==> flow/design.v <==
module muxn (aclk, RST, in_din, in_idx, out_res);
  parameter DATA_WIDTH = 32;
  parameter WAYS = 4;
  localparam LOGN = $clog2(WAYS);
  input aclk;
  input RST;
  input [WAYS*DATA_WIDTH-1:0] in_din;
  input [LOGN-1:0] in_idx;
  output reg [DATA_WIDTH-1:0] out_res;
  reg [WAYS*DATA_WIDTH-1:0] din_q;
  reg [LOGN-1:0] idx_q;
  always @(posedge aclk) begin
    if (RST) begin
      din_q <= 0;
      idx_q <= 0;
    end else begin
      din_q <= in_din;
      idx_q <= in_idx;
    end
  end
  localparam LO_W = WAYS / 2;
  reg [DATA_WIDTH-1:0] lo_q;
  reg [DATA_WIDTH-1:0] msb_q;
  reg idx_q_d;
  always @(posedge aclk) begin
    if (RST) begin
      lo_q <= 0;
      msb_q <= 0;
      idx_q_d <= 1'b0;
      out_res <= 0;
    end else begin
      lo_q <= din_q[idx_q[LOGN-2:0]*DATA_WIDTH +: DATA_WIDTH];
      msb_q <= din_q[(LO_W + idx_q[LOGN-2:0])*DATA_WIDTH +: DATA_WIDTH];
      idx_q_d <= idx_q[LOGN-1];
      out_res <= idx_q_d ? msb_q : lo_q;
    end
  end
endmodule
* Reports on muxn
The steps from the RTL of muxn to its reports follow in flow order.
Lines are those of the file above, counted from 1.
Library cell names are shortened.
The mark -- stands for no value.
- Top module :: muxn
- Clock port :: aclk
- Standard-cell library :: sky130hd
- Library corner :: tt_025C_1v80

* After elaboration
Source: Yosys, flattened and elaborated, memories not mapped. Widths are those after wreduce; folded enables and synchronous resets count as part of the registers. Registers that Yosys merges into a memory's read port (data or address) are not register bits. Print and check cells do not count. Equal cells are merged and count once.
- Register bits after elaboration :: 227
- Input bits :: 132
- Output and inout port bits :: 32
- Cells after elaboration :: 10
- Add/sub/neg operators :: 1
- Shift operators :: 2
- Multiplexer cells :: 1
** Operator list (number)
- indexed select 128 x 7 -> 32 bit :: 1
- indexed select 128 x 9 -> 32 bit :: 1
- 2-to-1 mux 32 bit :: 1
- adder 2 x 1 -> 3 bit (first input constant) :: 1

* Depth
Longest topological path by Yosys (ltp), each cell counted once; first at word level (registers and memories cut), then after technology mapping (sequential cells cut; the memories' decode and read muxes count).
- Depth after elaboration :: 2
- ABC_AREA :: 0
- Mapped depth :: 4
- Gate-level depth less buffers :: 2

* After synthesis
Yosys stat after the flow's synthesis: flattened, memories mapped to cells. It holds for the ABC_AREA given above (unset counts as 0); a run with the other value may have another netlist.
Totals and module areas in this step are rounded.
** Cells by type
- dfxtp_1 :: number 227, total area 4.54E+03 µm²
- mux2i_1 :: number 96, total area 960.922 µm²
- nor2b_1 :: number 131, total area 819.536 µm²
- nor2_1 :: number 96, total area 360.346 µm²
- buf_2 :: number 18, total area 90.086 µm²
- buf_8 :: number 6, total area 90.086 µm²
- buf_6 :: number 5, total area 56.304 µm²
- clkbuf_1 :: number 5, total area 18.768 µm²
- buf_4 :: number 2, total area 15.014 µm²
- Standard cells after synthesis :: 586
- Chip area (Yosys) :: 7000 µm²
- Mapped flip-flops :: 227
- Buffer cells :: 36

* Worst setup path after synthesis
Source: OpenSTA report_checks on the synthesized netlist (no wires, ideal clock, input and output delay 20% of the period each), path of least setup slack; recovery checks are left aside. Register names are those of the netlist, which keeps one name where synthesis merged equal registers.
- Path kind :: reg2reg
- Start :: register idx_q[0]
- End :: register lo_q[10]
- Clock period :: 1.22 ns
- Setup time :: 0.128 ns
- Launch time at the first pin :: 0.000 ns
- Arrival time :: 0.845 ns
- Data required time :: 1.092 ns
- Path slack :: 0.248 ns
- Delay of the path :: 0.973 ns
- Stages :: 5
- Path buffers :: 2
- Period reached after synthesis :: 0.972 ns
"delay of the path" = arrival - input delay + setup time.
"stages": output pins that drive a net of the path, with the launching flip-flop's if there is one; two outputs of one cell count as two.
"period reached after synthesis" is the clock period less the worst setup slack; recovery checks do not enter. This is arithmetic on one report: input and output delays are still those of the set period (20% each).
The rows between start and end are the longest chain of elaborated cells between them; the timing report does not say that the signal goes this way. Where chains are equally long, one stands for them.
A line is the first line of the expression or statement that the cell stems from. Yosys adds cells for indexed reads and writes and turns some case tables into memories.
- Path through :: dfxtp_1 -> buf_6 -> buf_8 -> mux2i_1 -> nor2_1
- Cells in the longest elaborated chain :: 1
** Ends and longest elaborated chain, after synthesis
- start, declared :: line 11 : reg [LOGN-1:0] idx_q;
- start, assigned :: line 15 : idx_q <= 0;
- start, assigned :: line 18 : idx_q <= in_idx;
- indexed select 128 x 7 -> 32 bit :: line 32 : lo_q <= din_q[idx_q[LOGN-2:0]*DATA_WIDTH +: DATA_WIDTH];
- end, assigned :: line 27 : lo_q <= 0;
- end, assigned :: line 32
- end, declared :: line 22 : reg [DATA_WIDTH-1:0] lo_q;

* Path in the finished layout
Path of least setup slack in the final report of flow run B (OpenROAD, finished layout, wires in). Where an end is a register, its clock arrival counts in the times.
- Path kind :: reg2out
- Start :: register out_res[11]
- End :: output port out_res[11]
- Clock period :: 1.22 ns
- External output delay :: 0.24 ns
- Launch time at the first pin :: 0.49 ns
- Arrival time :: 0.94 ns
- Data required time :: 0.98 ns
- Path slack :: 0.03 ns
- Stages :: 2
- Path buffers :: 1
- Path through :: dfxtp_1 -> buf_2
- Cells in the longest elaborated chain :: 0
** Ends and longest elaborated chain, after layout
- start, declared :: line 9 : output reg [DATA_WIDTH-1:0] out_res;
- start, assigned :: line 30 : out_res <= 0;
- start, assigned :: line 35 : out_res <= idx_q_d ? msb_q : lo_q;
- end, declared :: line 9

Data sheet: physical implementation of muxn

3 stored runs of muxn in the flow (synthesis by Yosys, layout by OpenROAD, sky130hd cells), in arbitrary order. Constraints: input delay and output delay 20% of the set period each, output load 0.01 pF.
"period reached" means the clock period less the worst setup slack. The figure is calculated, with input and output delays left at 20% of the set period.
"critical setup path time" = time allowed to the worst setup path (clock period - input delay - output delay, where it has them) - its slack; a late launch clock adds to it, a late capture clock takes from it.
"overall power" is the tool's figure for a default switching activity; nothing was simulated.
Values from the reports are rounded here.

** Flow run A
- Settings :: period_ns=0.888; CORE_UTILIZATION=64; PLACE_DENSITY=0.79; CORE_ASPECT_RATIO=1.65; CELL_PAD_IN_SITES_GLOBAL_PLACEMENT=3; GPL_TIMING_DRIVEN=0; GPL_ROUTABILITY_DRIVEN=0; CTS_CLUSTER_DIAMETER=369; CAP_MARGIN=20; CORE_MARGIN=2; SLEW_MARGIN=20
- Outcome :: did not finish, placement stopped with GPL-0301

** Flow run B
- Settings :: period_ns=1.22; CAP_MARGIN=20; CORE_MARGIN=2; CORE_UTILIZATION=40; SLEW_MARGIN=20
- Overall power :: 16000 uW
- Period reached :: 1.187 ns
- Total die area :: 18000 µm²
- Critical setup path time :: 0.94 ns
- Worst setup path type :: reg2out
- Utilization in the final report :: 0.55
- Cell area after synthesis :: 7000 µm²
- Worst slack on setup checks :: 0.033 ns

** Flow run C
- Settings :: period_ns=1.55; CORE_UTILIZATION=64; SETUP_SLACK_MARGIN=-0.05; PLACE_DENSITY=0.57; CELL_PAD_IN_SITES_GLOBAL_PLACEMENT=3; CELL_PAD_IN_SITES_DETAIL_PLACEMENT=2; ABC_AREA=0; GPL_TIMING_DRIVEN=1; CTS_CLUSTER_DIAMETER=300; SLEW_MARGIN=15; MIN_ROUTING_LAYER=met2; MAX_ROUTING_LAYER=met4; CAP_MARGIN=20; CORE_MARGIN=2
- Outcome :: did not finish, placement stopped with GPL-0301
